==> flow/design.v <==
module subtractor_top #(
    parameter int DW = 28
) (
    input logic clk,
    input logic srst,
    input logic ce,
    input logic [DW-1:0] first,
    input logic [DW-1:0] second,
    input logic dir,
    output logic [DW:0] res
);
    logic [DW-1:0] first_reg;
    logic [DW-1:0] second_reg;
    logic dir_reg;
    assign res = dir_reg ? first_reg - second_reg : first_reg + second_reg;
    always_ff @(posedge clk) begin
        if (srst) begin
            first_reg <= '0;
            second_reg <= '0;
            dir_reg <= 1'b0;
        end else if (ce) begin
            first_reg <= first;
            second_reg <= second;
            dir_reg <= dir;
        end
    end
endmodule
======== Reports on subtractor_top ========
Tool output for the design above, in the order of the flow.
Lines are those of the file above, counted from 1.
Library cell names are shortened.
Not given: -
design
  top ..................................... subtractor_top
  clock ................................... clk
  standard-cell library ................... sky130hd
  corner .................................. tt_025C_1v80

======== After elaboration ========
Source: Yosys, flattened and elaborated, memories not mapped. Widths are those after wreduce; folded enables and synchronous resets count as part of the registers. Registers that Yosys merges into a memory's read port (data or address) are not register bits. Print and check cells do not count. Equal cells are merged and count once.
bit counts
  bits of input ports ..................... 60
  cells after elaboration ................. 6
  register bits ........................... 57
operators by class
  add/subtract/negate cells ............... 2
  multiplexer cells ....................... 1
operators by type and width
  cell                          number
  adder 28 x 28 -> 29 bit       1
  subtractor 28 x 28 -> 29 bit  1
  2-to-1 mux 29 bit             1

======== Longest topological paths ========
Yosys ltp: most cells in a row. Word level: on the elaborated netlist, between registers, memories and ports. Mapped: between sequential cells and ports; inverters and the memories' decode and read muxes count.
logic depth
  depth after elaboration ................. 2
  ABC_AREA ................................ 0
  depth in mapped cells ................... 15

======== Netlist ========
The flow's flattened synthesis, as Yosys stat reports it; memories are mapped. The netlist is that of the ABC_AREA named above (0 if unset); the other value can give another one.
cells by type
  cell      number  area in all (µm²)
  dfxtp_1   57      1.14E+03
  mux2i_1   59      590.566
  nor2_1    98      367.853
  ha_1      29      362.848
  xnor2_1   36      315.302
  a21oi_1   37      185.178
  xor2_1    13      113.859
  clkbuf_1  24      90.086
  o21ai_0   17      85.082
  a21o_1    11      82.579
  nand2_1   22      82.579
  nor3_1    13      65.062
  o21a_1    7       52.55
  inv_1     12      45.043
  nand4_1   7       43.792
  nor4_1    7       43.792
  nand3_1   6       30.029
  o31a_1    3       26.275
Not listed: further types 33, cells in them 50.
mapped netlist
  cell count .............................. 508
  synthesis area .......................... 4121.5 µm²
  buffer cells ............................ 29
  area of sequential cells ................ 1141.1 µm²
  flip-flop cells ......................... 57

======== Timing after synthesis ========
Path of least setup slack by OpenSTA after synthesis, without wires, with an ideal clock, recovery checks aside; 20% of the period is set as input and as output delay. Where synthesis merged equal registers, the netlist keeps one of their names.
path post-synthesis
  path type ............................... register -> output
  start point ............................. register second_reg[9]
  end point ............................... output port res[27]
  path delay .............................. 3843 ps
  driving pins on the path ................ 16
  arrival ................................. 3843 ps
  clock period ............................ 6000 ps
  setup slack ............................. 957 ps
  buffers on the path ..................... 1
  synthesis period reached ................ 5043 ps
"path delay" is the arrival time less input delay plus setup time.
A path that ends at an output port has no setup time.
"driving pins on the path": output pins that drive a net of the path, with the launching flip-flop's if there is one; two outputs of one cell count as two.
"synthesis period reached" is the clock period less the worst setup slack; recovery checks do not enter. This is arithmetic on one report: input and output delays are still those of the set period (20% each).
The rows between start and end are the longest chain of elaborated cells between them; the timing report does not say that the signal goes this way. Where chains are equally long, one stands for them.
A line is the first line of the expression or statement that the cell stems from. Yosys adds cells for indexed reads and writes and turns some case tables into memories.
on the way, post-synthesis
  cells stage by stage .................... dfxtp_1 > or4_1 > or3_4 > or4_4 > o21ba_2 > nor2_4 > xnor2_1 > ha_1 > clkbuf_1 > nand4_1 > nor4_1 > a21o_1 > a31o_2 > nor2_1 > o21ai_0 > xor2_1
  cells in the longest elaborated chain ... 2
RTL lines, path post-synthesis
  what                     RTL line  source
  start: declaration       13        logic [DW-1:0] second_reg;
  start: assignment        19        second_reg <= '0;
  start: assignment        23        second_reg <= second;
  adder 28 x 28 -> 29 bit  15        assign res = dir_reg ? first_reg - second_reg : first_reg + second_reg;
  2-to-1 mux 29 bit        15
  end: declaration         10        output logic [DW:0] res

======== Path in the finished layout ========
Path of least setup slack in the final report of run A (OpenROAD, finished layout, wires in). Where an end is a register, its clock arrival counts in the times.
The path's times are printed in steps of 10 ps; the period is the one set.
path after layout
  path type ............................... register -> output
  start point ............................. register second_reg[9]
  end point ............................... output port res[23]
  driving pins on the path ................ 15
  arrival ................................. 4540 ps
  clock period ............................ 6000 ps
  buffers on the path ..................... 1
  setup slack ............................. 260 ps
The rows between start and end are the longest chain of elaborated cells between them; the timing report does not say that the signal goes this way. Where chains are equally long, one stands for them.
on the way, after layout
  cells stage by stage .................... dfxtp_1 > or4_1 > or3_4 > or4_4 > o21ba_2 > nor2_2 > xor2_2 > ha_4 > nand4_1 > nor4_4 > a21o_1 > a31o_2 > nor2_2 > xnor2_1 > clkdlybuf4s50_1
  cells in the longest elaborated chain ... 2
RTL lines, path after layout
  what                     RTL line  source
  start: declaration       13        logic [DW-1:0] second_reg;
  start: assignment        19        second_reg <= '0;
  start: assignment        23        second_reg <= second;
  adder 28 x 28 -> 29 bit  15        assign res = dir_reg ? first_reg - second_reg : first_reg + second_reg;
  2-to-1 mux 29 bit        15
  end: declaration         10        output logic [DW:0] res

FLOW RESULTS
============

Module subtractor_top, platform sky130hd: 2 stored runs of the flow (Yosys, OpenROAD) with differing settings, in no particular order. Input and output delays are each 20% of the period that was set; the output load is 0.01 pF.
By "period achieved" is meant the clock period of the run minus its worst setup slack. This is arithmetic on one report: input and output delays are still those of the set period (20% each).
"time used up by the worst setup path": the worst setup path's part of the clock period (all of it between registers, 20% less for each end at a port) less its slack. A launch clock that arrives late makes it longer, a capture clock that arrives late makes it shorter.
"time used up by the worst setup path" is known to 10 ps.

======== run A ========
==> flow/run.sh <==
#!/bin/bash
# the make line also repeats the synthesis and layout settings of config.mk as NAME=value (left out here)
make -C /OpenROAD-flow-scripts/flow DESIGN_CONFIG=/design/flow/config.mk WORK_HOME=/design/flow/orfs CLKGATE_MAP_FILE= finish
==> flow/config.mk <==
export PLATFORM = sky130hd
export DESIGN_NAME = subtractor_top
export DESIGN_NICKNAME = subtractor_top
export VERILOG_FILES = /design/flow/design.v
export SDC_FILE = /design/flow/constraint.sdc
export NUM_CORES = 4
export LEC_CHECK = 0
export CAP_MARGIN = 20
export CORE_MARGIN = 2
export CORE_UTILIZATION = 40
export SLEW_MARGIN = 20
==> flow/constraint.sdc <==
create_clock -name core_clock -period 6.0 [get_ports {clk}]
set_input_delay 1.2000 -clock core_clock [delete_from_list [all_inputs] [get_ports {clk}]]
set_output_delay 1.2000 -clock core_clock [all_outputs]
set_load 0.01 [all_outputs]

-------- measured, run A --------
  Yosys chip area after synthesis ......... 4121.5 µm²
  full die area ........................... 11131.3 µm²
  std-cell area (final layout) ............ 5429.0 µm²
  setup slack of the worst path ........... 257 ps
  post-route setup TNS .................... 0 ps
  post-route worst hold slack ............. 508 ps
  period achieved ......................... 5743 ps
  time used up by the worst setup path .... 4540 ps
  type of the worst setup path ............ register -> output

======== run B ========
==> flow/run.sh <==
#!/bin/bash
# the make line also repeats the synthesis and layout settings of config.mk as NAME=value (left out here)
make -C /OpenROAD-flow-scripts/flow DESIGN_CONFIG=/design/flow/config.mk WORK_HOME=/design/flow/orfs CLKGATE_MAP_FILE= finish
==> flow/config.mk <==
export PLATFORM = sky130hd
export DESIGN_NAME = subtractor_top
export DESIGN_NICKNAME = subtractor_top
export VERILOG_FILES = /design/flow/design.v
export SDC_FILE = /design/flow/constraint.sdc
export NUM_CORES = 4
export LEC_CHECK = 0
export ABC_AREA = 0
export CAP_MARGIN = 20
export CELL_PAD_IN_SITES_GLOBAL_PLACEMENT = 3
export CORE_ASPECT_RATIO = 0.62
export CORE_MARGIN = 8
export CORE_UTILIZATION = 59
export GPL_TIMING_DRIVEN = 1
export HOLD_SLACK_MARGIN = 0.06
export PLACE_DENSITY_LB_ADDON = 0.1
export SETUP_SLACK_MARGIN = 0.39
export SLEW_MARGIN = 20
==> flow/constraint.sdc <==
create_clock -name core_clock -period 3.44 [get_ports {clk}]
set_input_delay 0.6880 -clock core_clock [delete_from_list [all_inputs] [get_ports {clk}]]
set_output_delay 0.6880 -clock core_clock [all_outputs]
set_load 0.01 [all_outputs]

-------- run B --------
  not finished: placement ended with error FLW-0024
